==> flow/design.v <==
module la4 (
    input wire [3:0] a,
    input wire [3:0] b,
    input wire ci,
    output wire [3:0] s,
    output wire co
);
    wire [3:0] g = a & b;
    wire [3:0] p = a ^ b;
    wire c1 = g[0] | (p[0] & ci);
    wire c2 = g[1] | (p[1] & g[0]) | (p[1] & p[0] & ci);
    wire c3 = g[2] | (p[2] & g[1]) | (p[2] & p[1] & g[0]) | (p[2] & p[1] & p[0] & ci);
    assign co = g[3] | (p[3] & g[2]) | (p[3] & p[2] & g[1]) | (p[3] & p[2] & p[1] & g[0]) | (&p & ci);
    assign s = p ^ {c3, c2, c1, ci};
endmodule
module gen_add_blk #(
    parameter integer W = 72
) (
    input wire ck,
    input wire [W-1:0] dataa_in,
    input wire [W-1:0] datab_in,
    input wire cy_in_in,
    output reg [W-1:0] o_out,
    output reg carry_out_out
);
    reg [W-1:0] dataa_r;
    reg [W-1:0] datab_r;
    reg cy_in_r;
    always @(posedge ck) begin
        dataa_r <= dataa_in;
        datab_r <= datab_in;
        cy_in_r <= cy_in_in;
    end
    localparam SLICES = W / 4;
    wire [W-1:0] tmp;
    wire [SLICES:0] cy;
    assign cy[0] = cy_in_r;
    genvar i;
    generate
        for (i = 0; i < SLICES; i = i + 1) begin : row
            la4 inst (.a(dataa_r[4*i +: 4]), .b(datab_r[4*i +: 4]), .ci(cy[i]), .s(tmp[4*i +: 4]), .co(cy[i+1]));
        end
    endgenerate
    always @(posedge ck) begin
        o_out <= tmp;
        carry_out_out <= cy[SLICES];
    end
endmodule
# Tool chain data of gen_add_blk
# What the tools print for gen_add_blk, step after step.
# Line numbers count from 1 in the design file above.
# Operators: Yosys type, input widths -> output width; for muxes data width and select width s.
# Library cell names are shortened.
# A cell with -- has no value.
# design
top_module	gen_add_blk
clock_port	ck
cell_library	sky130hd
pvt_corner	tt_025C_1v80

# Word-level counts
# Counts by Yosys on the flattened word-level netlist (proc, flatten, opt, wreduce; memories kept). Register bits leave out memories and registers merged into their read ports (data or address); mux counts leave out enables and synchronous resets folded into registers. Print and check cells are left out. Cells with the same type and inputs are merged into one.
# classes
bitwise	504
n_reduce_logical	18
# op_table
operator	n
$and 1x1->1	270
$or 1x1->1	180
$xor 4x4->4	36
$and 4x4->4	18
$reduce_and 4->1	18
# bits
register_bits	218
output_inout_bits	73
elab_cells	527

# Longest topological paths
# Depth = most cells in a row (Yosys ltp): at word level without a register or memory, in the mapped netlist without a sequential cell, where the memories' decode and read muxes count.
# depth
word_depth	41
abc_area	0
ltp_mapped	12

# Netlist
# Yosys stat after the flow's synthesis: flattened, memories mapped to cells. It holds for the ABC_AREA given above (unset counts as 0); a run with the other value may have another netlist.
# Totals and module areas in this step are rounded.
# mapped
mapped_cells	627
mapped_area_um2	7650
ffs	218
buf_cells	0
# types
cell_type	n	area_total_um2
dfxtp_1	218	4.36E+03
ha_1	72	900.864
fa_1	18	360.346
xor2_1	27	236.477
a21oi_1	46	230.221
xnor2_1	17	148.893
inv_1	33	123.869
nand2_1	27	101.347
a21o_1	12	90.086
o21ai_0	14	70.067
nor3_1	13	65.062
nand4_1	10	62.56
nor2_1	16	60.058
o21bai_1	8	60.058
nand2b_1	8	50.048
o21a_1	6	45.043
a211oi_1	5	37.536
o31ai_2	3	37.536
# Not listed: further types 42, cells in them 74.
# By module: a second synthesis without flattening, with its own total; a netlist apart from the flattened one above.
# unflattened
hier_cells	524
area_unflattened_um2	7020
# Rows give one instance, submodules left out.
# by_module
mod	instances	cells	mod_area_um2	mod_seq_area_um2
gen_add_blk	1	218	4360	4360
la4	18	17	148	0.0

# Worst setup path after synthesis
# Path of least setup slack by OpenSTA after synthesis, without wires, with an ideal clock, recovery checks aside; 20% of the period is set as input and as output delay. Where synthesis merged equal registers, the netlist keeps one of their names.
# synth_timing
path_kind	register -> register
from	register dataa_r[43]
to	register o_out[65]
period_ns	3.54
setup_time_ns	0.120
arrival_ns	2.714
path_slack_ns	0.706
path_delay_ns	2.834
stages	12
path_buffers	0
period_less_setup_slack_ns	2.834
# "path_delay_ns" is the arrival time less input delay plus setup time.
# "stages" counts driving pins, that of a launching flip-flop among them; a cell with two outputs on the path counts twice.
# "period_less_setup_slack_ns" = period - worst setup slack (recovery checks aside). The figure is calculated, with input and output delays left at 20% of the set period.
# The rows between start and end are the longest chain of elaborated cells between them; the timing report does not say that the signal goes this way. Where chains are equally long, one stands for them.
# A line is the first line of the expression or statement that the cell stems from. Yosys adds cells for indexed reads and writes and turns some case tables into memories.
# synth_via
cell_sequence	dfxtp_1 -> ha_1 -> a21oi_1 -> o21ai_1 -> a221o_1 -> a21o_1 -> a211oi_2 -> a21bo_4 -> a211oi_1 -> or3_1 -> fa_1 -> xor2_1
elab_chain_cells	19
cells_between	26
cone_classes	logic: 25; reduce/logical: 1
# synth_rtl
element	line	source
start, declared	26	reg [W-1:0] dataa_r;
start, assigned	30	dataa_r <= dataa_in;
$xor 4x4->4	9	wire [3:0] p = a ^ b;
$and 1x1->1	13	assign co = g[3] | (p[3] & g[2]) | (p[3] & p[2] & g[1]) | (p[3] & p[2] & p[1] & g[0]) | (&p & ci);
$or 1x1->1 (4 in a row)	13
$and 1x1->1	13
$or 1x1->1	13
$and 1x1->1	13
$or 1x1->1	13
[... 2 more ...]	--
$and 1x1->1	13
$or 1x1->1	13
$and 1x1->1	13
$or 1x1->1	13
$and 1x1->1	10	wire c1 = g[0] | (p[0] & ci);
$or 1x1->1	10
$xor 4x4->4	14	assign s = p ^ {c3, c2, c1, ci};
end, assigned	45	o_out <= tmp;
end, declared	23	output reg [W-1:0] o_out,

# Path in the finished layout
# Path of least setup slack in the final report of job 1 (OpenROAD, finished layout, wires in). Where an end is a register, its clock arrival counts in the times.
# layout_timing
path_kind	register -> register
from	register dataa_r[20]
to	register o_out[64]
period_ns	1.98
setup_time_ns	0.12
arrival_ns	3.64
path_slack_ns	-1.26
stages	11
path_buffers	1
# The rows between start and end are the longest chain of elaborated cells between them; the timing report does not say that the signal goes this way. Where chains are equally long, one stands for them.
# layout_via
cell_sequence	dfxtp_4 -> ha_4 -> nand4_1 -> nor3_4 -> nand4_1 -> buf_4 -> or2_4 -> a21bo_4 -> a211oi_4 -> or3_4 -> fa_2
elab_chain_cells	25
cells_between	28
cone_classes	logic: 27; reduce/logical: 1
# layout_rtl
element	line	source
start, declared	26	reg [W-1:0] dataa_r;
start, assigned	30	dataa_r <= dataa_in;
$and 4x4->4	8	wire [3:0] g = a & b;
$and 1x1->1	13	assign co = g[3] | (p[3] & g[2]) | (p[3] & p[2] & g[1]) | (p[3] & p[2] & p[1] & g[0]) | (&p & ci);
$or 1x1->1 (2 in a row)	13
$and 1x1->1	13
$or 1x1->1	13
$and 1x1->1	13
$or 1x1->1	13
[... 10 more ...]	--
$and 1x1->1	13
$or 1x1->1	13
$and 1x1->1	13
$or 1x1->1	13
$and 1x1->1	13
$or 1x1->1	13
$xor 4x4->4	14	assign s = p ^ {c3, c2, c1, ci};
end, assigned	45	o_out <= tmp;
end, declared	23	output reg [W-1:0] o_out,

Add stored flow runs of gen_add_blk

Record of 3 stored runs of the RTL-to-layout flow on gen_add_blk, platform sky130hd. The runs are unordered. Constraints: input delay and output delay 20% of the set period each, output load 0.01 pF.
"power_w" rests on the timing tool's default activity at the inputs, not on a simulated workload.
Measured values are rounded.

Job 1, flow files:
==> flow/run.sh <==
#!/bin/bash
# the make line also repeats the synthesis and layout settings of config.mk as NAME=value (left out here)
make -C /OpenROAD-flow-scripts/flow DESIGN_CONFIG=/design/flow/config.mk WORK_HOME=/design/flow/orfs CLKGATE_MAP_FILE= finish
==> flow/config.mk <==
export PLATFORM = sky130hd
export DESIGN_NAME = gen_add_blk
export DESIGN_NICKNAME = gen_add_blk
export VERILOG_FILES = /design/flow/design.v
export SDC_FILE = /design/flow/constraint.sdc
export NUM_CORES = 4
export LEC_CHECK = 0
export CAP_MARGIN = 0
export CELL_PAD_IN_SITES_DETAIL_PLACEMENT = 2
export CELL_PAD_IN_SITES_GLOBAL_PLACEMENT = 0
export CORE_MARGIN = 2
export CORE_UTILIZATION = 31
export GPL_TIMING_DRIVEN = 1
export MIN_ROUTING_LAYER = met1
export PLACE_DENSITY_LB_ADDON = 0.23
export SETUP_SLACK_MARGIN = -0.13
export SLEW_MARGIN = 20
==> flow/constraint.sdc <==
create_clock -name core_clock -period 1.98 [get_ports {ck}]
set_input_delay 0.3960 -clock core_clock [delete_from_list [all_inputs] [get_ports {ck}]]
set_output_delay 0.3960 -clock core_clock [all_outputs]
set_load 0.01 [all_outputs]

==> results of job 1, as CSV <==
result,value
finish.stdcell_area_um2,14000
worstSetupSlack_ns,-1.26
final_util_pct,57.6
dieArea_um2,26000
yosys_chip_area_um2,7650
power_w,0.0135

Job 2, flow files:
==> flow/run.sh <==
#!/bin/bash
# the make line also repeats the synthesis and layout settings of config.mk as NAME=value (left out here)
make -C /OpenROAD-flow-scripts/flow DESIGN_CONFIG=/design/flow/config.mk WORK_HOME=/design/flow/orfs CLKGATE_MAP_FILE= finish
==> flow/config.mk <==
export PLATFORM = sky130hd
export DESIGN_NAME = gen_add_blk
export DESIGN_NICKNAME = gen_add_blk
export VERILOG_FILES = /design/flow/design.v
export SDC_FILE = /design/flow/constraint.sdc
export NUM_CORES = 4
export LEC_CHECK = 0
export ABC_AREA = 1
export CAP_MARGIN = 20
export CORE_ASPECT_RATIO = 0.95
export CORE_MARGIN = 2
export CORE_UTILIZATION = 18
export CTS_CLUSTER_SIZE = 26
export MIN_ROUTING_LAYER = met1
export PLACE_DENSITY = 0.48
export SLEW_MARGIN = 20
export TNS_END_PERCENT = 50
==> flow/constraint.sdc <==
create_clock -name core_clock -period 4.44 [get_ports {ck}]
set_input_delay 0.8880 -clock core_clock [delete_from_list [all_inputs] [get_ports {ck}]]
set_output_delay 0.8880 -clock core_clock [all_outputs]
set_load 0.01 [all_outputs]

==> results of job 2, as CSV <==
result,value
finish.stdcell_area_um2,11000
worstSetupSlack_ns,0.630
final_util_pct,27.2
dieArea_um2,42400
yosys_chip_area_um2,7340
power_w,0.00523

Job 3, flow files:
==> flow/run.sh <==
#!/bin/bash
# the make line also repeats the synthesis and layout settings of config.mk as NAME=value (left out here)
make -C /OpenROAD-flow-scripts/flow DESIGN_CONFIG=/design/flow/config.mk WORK_HOME=/design/flow/orfs CLKGATE_MAP_FILE= finish
==> flow/config.mk <==
export PLATFORM = sky130hd
export DESIGN_NAME = gen_add_blk
export DESIGN_NICKNAME = gen_add_blk
export VERILOG_FILES = /design/flow/design.v
export SDC_FILE = /design/flow/constraint.sdc
export NUM_CORES = 4
export LEC_CHECK = 0
export CAP_MARGIN = 20
export CORE_MARGIN = 2
export CORE_UTILIZATION = 40
export SLEW_MARGIN = 20
==> flow/constraint.sdc <==
create_clock -name core_clock -period 3.54 [get_ports {ck}]
set_input_delay 0.7080 -clock core_clock [delete_from_list [all_inputs] [get_ports {ck}]]
set_output_delay 0.7080 -clock core_clock [all_outputs]
set_load 0.01 [all_outputs]

==> results of job 3, as CSV <==
result,value
finish.stdcell_area_um2,11000
worstSetupSlack_ns,0.264
final_util_pct,58.8
dieArea_um2,20300
yosys_chip_area_um2,7650
power_w,0.00678
